==> flow/design.v <==
module cpu_mult_rtl_pp_row #(parameter N = 4) (
    input wire [N-1:0] a,
    input wire sel,
    input wire [N-1:0] pin,
    output wire [N:0] pout
);
    assign pout = pin + (a & {N{sel}});
endmodule
module cpu_mult_rtl #(
    parameter W = 7
) (
    input wire ck,
    input wire i_rst_n,
    input wire [W-1:0] in_first,
    input wire [W-1:0] in_second,
    output wire [2*W-1:0] out_res
);
    reg [W-1:0] first_reg;
    reg [W-1:0] second_reg;
    always @(posedge ck) begin
        if (~i_rst_n) begin
            first_reg <= 0;
            second_reg <= 0;
        end else begin
            first_reg <= in_first;
            second_reg <= in_second;
        end
    end
    wire [W:0] node [0:W];
    wire [W-1:0] lo;
    assign node[0] = 0;
    genvar k;
    generate
        for (k = 0; k < W; k = k + 1) begin : stage
            cpu_mult_rtl_pp_row #(.N(W)) el (.a(first_reg), .sel(second_reg[k]), .pin(node[k][W:1]), .pout(node[k+1]));
            assign lo[k] = node[k+1][0];
        end
    endgenerate
    assign out_res = {node[W][W:1], lo};
endmodule
Tool chain data of cpu_mult_rtl
What the tools print for cpu_mult_rtl, step after step.
Line numbers count from 1 in the design file above.
Operators carry their Yosys type and port widths (W data, S select, Z words).
Cell names lack the library's common part.
Not given: n/a
Design
  design top: cpu_mult_rtl
  clock port: ck
  standard-cell library: sky130hd
  corner: tt_025C_1v80

Word-level counts
Counts by Yosys on the flattened word-level netlist (proc, flatten, opt, wreduce; memories kept). Register bits leave out memories and registers merged into their read ports (data or address); mux counts leave out enables and synchronous resets folded into registers. Print and check cells are left out. Cells with the same type and inputs are merged into one.
Bit counts
  register bits: 14
  input port bits: 16
  output and inout port bits: 14
  elaborated cells: 15
Operators by class
  add/sub/neg operators: 6
  bitwise operators: 7
Operators with widths (count)
  $and A7 B7 Y7: 7
  $add A7 B8 Y8: 5
  $add A6 B8 Y8: 1

Depth
Depth = most cells in a row (Yosys ltp): at word level without a register or memory, in the mapped netlist without a sequential cell, where the memories' decode and read muxes count.
Logic depth
  depth after elaboration: 7
  ABC_AREA: 0
  depth in mapped cells: 30
  gate-level depth less buffers: 30

Netlist
Source: synth_stat.txt of the flow (Yosys; design flattened, memories mapped). It holds for the ABC_AREA given above (unset counts as 0); a run with the other value may have another netlist.
Mapped netlist
  cells in the netlist: 280
  synthesis area: 2233.4 µm²
  sequential area: 280.3 µm²
  mapped flip-flops: 14
  buffers: 1
Cells by type
  ha_1: count 41, total area 512.992 µm²
  and2_1: count 58, total area 362.848 µm²
  dfxtp_1: count 14, total area 280.269 µm²
  xnor2_1: count 17, total area 148.893 µm²
  a21oi_1: count 24, total area 120.115 µm²
  fa_1: count 6, total area 120.115 µm²
  nor2b_1: count 14, total area 87.584 µm²
  inv_1: count 21, total area 78.826 µm²
  o21ai_0: count 14, total area 70.067 µm²
  nand2_1: count 13, total area 48.797 µm²
  xor2_1: count 5, total area 43.792 µm²
  a311o_1: count 4, total area 40.038 µm²
  nor2_1: count 10, total area 37.536 µm²
  o31a_1: count 4, total area 35.034 µm²
  a21o_1: count 4, total area 30.029 µm²
  o21a_1: count 4, total area 30.029 µm²
  a31oi_1: count 4, total area 25.024 µm²
  nor4_1: count 3, total area 18.768 µm²
Not listed: further types 13, cells in them 20.
By module: a second synthesis without flattening, with its own total; a netlist apart from the flattened one above.
Unflattened totals
  cell total of the unflattened synthesis: 338
  area total of the unflattened synthesis: 2690.1 µm²
Rows give one instance, submodules left out.
Modules
  cpu_mult_rtl_pp_row (N=7): times used 7, cells 44, area 327.8 µm², sequential area 0.0 µm²
  cpu_mult_rtl: times used 1, cells 30, area 395.4 µm², sequential area 280.3 µm²

Timing after synthesis
Source: OpenSTA report_checks on the synthesized netlist (no wires, ideal clock, input and output delay 20% of the period each), path of least setup slack; recovery checks are left aside. Register names are those of the netlist, which keeps one name where synthesis merged equal registers.
Path after synthesis
  path kind: register to output
  start: register second_reg[1]
  end: output port out_res[11]
  clock period: 9.02 ns
  external output delay: 1.804 ns
  launch time at the first pin: 0.000 ns
  data arrival time: 5.774 ns
  data required time: 7.216 ns
  path slack: 1.442 ns
  path delay: 5.774 ns
  stages: 31
  buffers on the path: 0
  synthesis period reached: 7.578 ns
"path delay" is the arrival time less input delay plus setup time.
At an output port there is no setup time.
"stages": output pins that drive a net of the path, with the launching flip-flop's if there is one; two outputs of one cell count as two.
"synthesis period reached" is the clock period less the worst setup slack; recovery checks do not enter. This is arithmetic on one report: input and output delays are still those of the set period (20% each).
The rows between start and end are the longest chain of elaborated cells between them; the timing report does not say that the signal goes this way. Where chains are equally long, one stands for them.
Each line given opens the expression or statement behind the cell; cells for indexed reads and writes are added by Yosys, which also makes memories of some case tables.
Between the ends, after synthesis
  cells stage by stage: dfxtp_1 > and2_1 > ha_1 > inv_1 > fa_1 > nor2b_1 > o31a_1 > a21oi_1 > ha_1 > a21oi_1 > nor2b_1 > a311oi_1 > xnor2_1 > ha_1 > nor2b_1 > a311oi_1 > xnor2_1 > ha_1 > nand3_1 > o21ai_0 > xor2_1 > ha_1 > a21oi_1 > nand2_1 > a31oi_1 > xnor2_1 > ha_1 > a21oi_1 > nand2_1 > a31oi_1 > xnor2_1
  length of the longest elaborated chain: 7
  elaborated cells on any way between the ends: 7
  RTL lines with such cells: 1
  classes of those cells: add/sub (6); logic (1)
RTL lines, path after synthesis
  start: declaration: RTL line 19  | reg [W-1:0] second_reg;
  start: assignment: RTL line 23  | second_reg <= 0;
  start: assignment: RTL line 26  | second_reg <= in_second;
  $and A7 B7 Y7: RTL line 7  | assign pout = pin + (a & {N{sel}});
  $add A6 B8 Y8: RTL line 7
  $add A7 B8 Y8 (5 in a row): RTL line 7
  end: declaration: RTL line 16  | output wire [2*W-1:0] out_res

Worst path after layout
From the final timing report of run 3: the path of least setup slack in the routed layout; clock arrival at registers is part of the times.
Path post-layout
  path kind: register to output
  start: register first_reg[1]
  end: output port out_res[12]
  clock period: 9.02 ns
  external output delay: 1.80 ns
  launch time at the first pin: 0.24 ns
  data arrival time: 6.83 ns
  data required time: 7.22 ns
  path slack: 0.39 ns
  stages: 31
  buffers on the path: 1
The rows between start and end are the longest chain of elaborated cells between them; the timing report does not say that the signal goes this way. Where chains are equally long, one stands for them.
Between the ends, post-layout
  cells stage by stage: dfxtp_2 > and2_1 > ha_1 > inv_1 > fa_1 > nor2b_2 > o31a_1 > a21oi_1 > ha_2 > a21oi_1 > nor2b_1 > a311oi_2 > xnor2_1 > ha_1 > nor2b_1 > a311oi_2 > xnor2_1 > ha_1 > o21a_1 > o31a_1 > mux2i_1 > nand2_1 > ha_1 > nor3b_1 > a31oi_1 > o21ai_0 > a311o_1 > ha_1 > a21oi_1 > xnor2_1 > clkdlybuf4s50_1
  length of the longest elaborated chain: 7
  elaborated cells on any way between the ends: 13
  RTL lines with such cells: 1
  classes of those cells: add/sub (6); logic (7)
RTL lines, path post-layout
  start: declaration: RTL line 18  | reg [W-1:0] first_reg;
  start: assignment: RTL line 22  | first_reg <= 0;
  start: assignment: RTL line 25  | first_reg <= in_first;
  $and A7 B7 Y7: RTL line 7  | assign pout = pin + (a & {N{sel}});
  $add A6 B8 Y8: RTL line 7
  $add A7 B8 Y8 (5 in a row): RTL line 7
  end: declaration: RTL line 16  | output wire [2*W-1:0] out_res

Memo
Re: implementation data of cpu_mult_rtl

Measured results for cpu_mult_rtl: 3 stored runs of the Yosys and OpenROAD flow on sky130hd. The settings differ; the order carries no meaning. The constraints put input and output delay at 20% of the set period each and load the outputs with 0.01 pF.
"achieved clock period (ns)": clock period set for the run, less the worst setup slack. It is reckoned from that one timing run; input and output delays stay at 20% of the period that was set.
By "worst setup path time (ns)" is meant the share of the clock period that the worst setup path is allowed (20% is reserved at inputs, 20% at outputs), minus its slack. Clock arrival times at its registers enter into it.
"finish__power__total" is the tool's figure for a default switching activity; nothing was simulated.

Flow files of run 1
==> flow/run.sh <==
#!/bin/bash
# the make line also repeats the synthesis and layout settings of config.mk as NAME=value (left out here)
make -C /OpenROAD-flow-scripts/flow DESIGN_CONFIG=/design/flow/config.mk WORK_HOME=/design/flow/orfs CLKGATE_MAP_FILE= finish
==> flow/config.mk <==
export PLATFORM = sky130hd
export DESIGN_NAME = cpu_mult_rtl
export DESIGN_NICKNAME = cpu_mult_rtl
export VERILOG_FILES = /design/flow/design.v
export SDC_FILE = /design/flow/constraint.sdc
export NUM_CORES = 4
export LEC_CHECK = 0
export CAP_MARGIN = 40
export CORE_ASPECT_RATIO = 0.52
export CORE_MARGIN = 2
export CORE_UTILIZATION = 58
export CTS_CLUSTER_DIAMETER = 39
export CTS_CLUSTER_SIZE = 12
export MAX_ROUTING_LAYER = met5
export MIN_ROUTING_LAYER = met2
export PLACE_DENSITY_LB_ADDON = 0.18
export SETUP_SLACK_MARGIN = -0.24
export SLEW_MARGIN = 35
export TNS_END_PERCENT = 95
==> flow/constraint.sdc <==
create_clock -name core_clock -period 7.1 [get_ports {ck}]
set_input_delay 1.4200 -clock core_clock [delete_from_list [all_inputs] [get_ports {ck}]]
set_output_delay 1.4200 -clock core_clock [all_outputs]
set_load 0.01 [all_outputs]

report of run 1: did not finish, route, GRT-0116

Flow files of run 2
==> flow/run.sh <==
#!/bin/bash
# the make line also repeats the synthesis and layout settings of config.mk as NAME=value (left out here)
make -C /OpenROAD-flow-scripts/flow DESIGN_CONFIG=/design/flow/config.mk WORK_HOME=/design/flow/orfs CLKGATE_MAP_FILE= finish
==> flow/config.mk <==
export PLATFORM = sky130hd
export DESIGN_NAME = cpu_mult_rtl
export DESIGN_NICKNAME = cpu_mult_rtl
export VERILOG_FILES = /design/flow/design.v
export SDC_FILE = /design/flow/constraint.sdc
export NUM_CORES = 4
export LEC_CHECK = 0
export CAP_MARGIN = 20
export CELL_PAD_IN_SITES_GLOBAL_PLACEMENT = 3
export CORE_ASPECT_RATIO = 0.78
export CORE_MARGIN = 2
export CORE_UTILIZATION = 64
export CTS_CLUSTER_DIAMETER = 226
export CTS_CLUSTER_SIZE = 73
export MIN_ROUTING_LAYER = met2
export PLACE_DENSITY_LB_ADDON = 0.18
export SETUP_SLACK_MARGIN = -0.15
export SLEW_MARGIN = 20
==> flow/constraint.sdc <==
create_clock -name core_clock -period 6.55 [get_ports {ck}]
set_input_delay 1.3100 -clock core_clock [delete_from_list [all_inputs] [get_ports {ck}]]
set_output_delay 1.3100 -clock core_clock [all_outputs]
set_load 0.01 [all_outputs]

report of run 2: did not finish, place, FLW-0024

Flow files of run 3
==> flow/run.sh <==
#!/bin/bash
# the make line also repeats the synthesis and layout settings of config.mk as NAME=value (left out here)
make -C /OpenROAD-flow-scripts/flow DESIGN_CONFIG=/design/flow/config.mk WORK_HOME=/design/flow/orfs CLKGATE_MAP_FILE= finish
==> flow/config.mk <==
export PLATFORM = sky130hd
export DESIGN_NAME = cpu_mult_rtl
export DESIGN_NICKNAME = cpu_mult_rtl
export VERILOG_FILES = /design/flow/design.v
export SDC_FILE = /design/flow/constraint.sdc
export NUM_CORES = 4
export LEC_CHECK = 0
export CAP_MARGIN = 20
export CORE_MARGIN = 2
export CORE_UTILIZATION = 40
export SLEW_MARGIN = 20
==> flow/constraint.sdc <==
create_clock -name core_clock -period 9.02 [get_ports {ck}]
set_input_delay 1.8040 -clock core_clock [delete_from_list [all_inputs] [get_ports {ck}]]
set_output_delay 1.8040 -clock core_clock [all_outputs]
set_load 0.01 [all_outputs]

report of run 3
yosys chip area after synthesis (um^2): 2233.4
finish__design__die__area: 6196.8
finish__design__instance__area__stdcell: 2727.6
finish__design__instance__utilization: 0.5015
finish__timing__setup__ws: 0.387
finish__timing__setup__tns: 0.000
finish__power__total: 2.215e-04
achieved clock period (ns): 8.633
worst setup path time (ns): 6.83
worst setup path kind: register to output
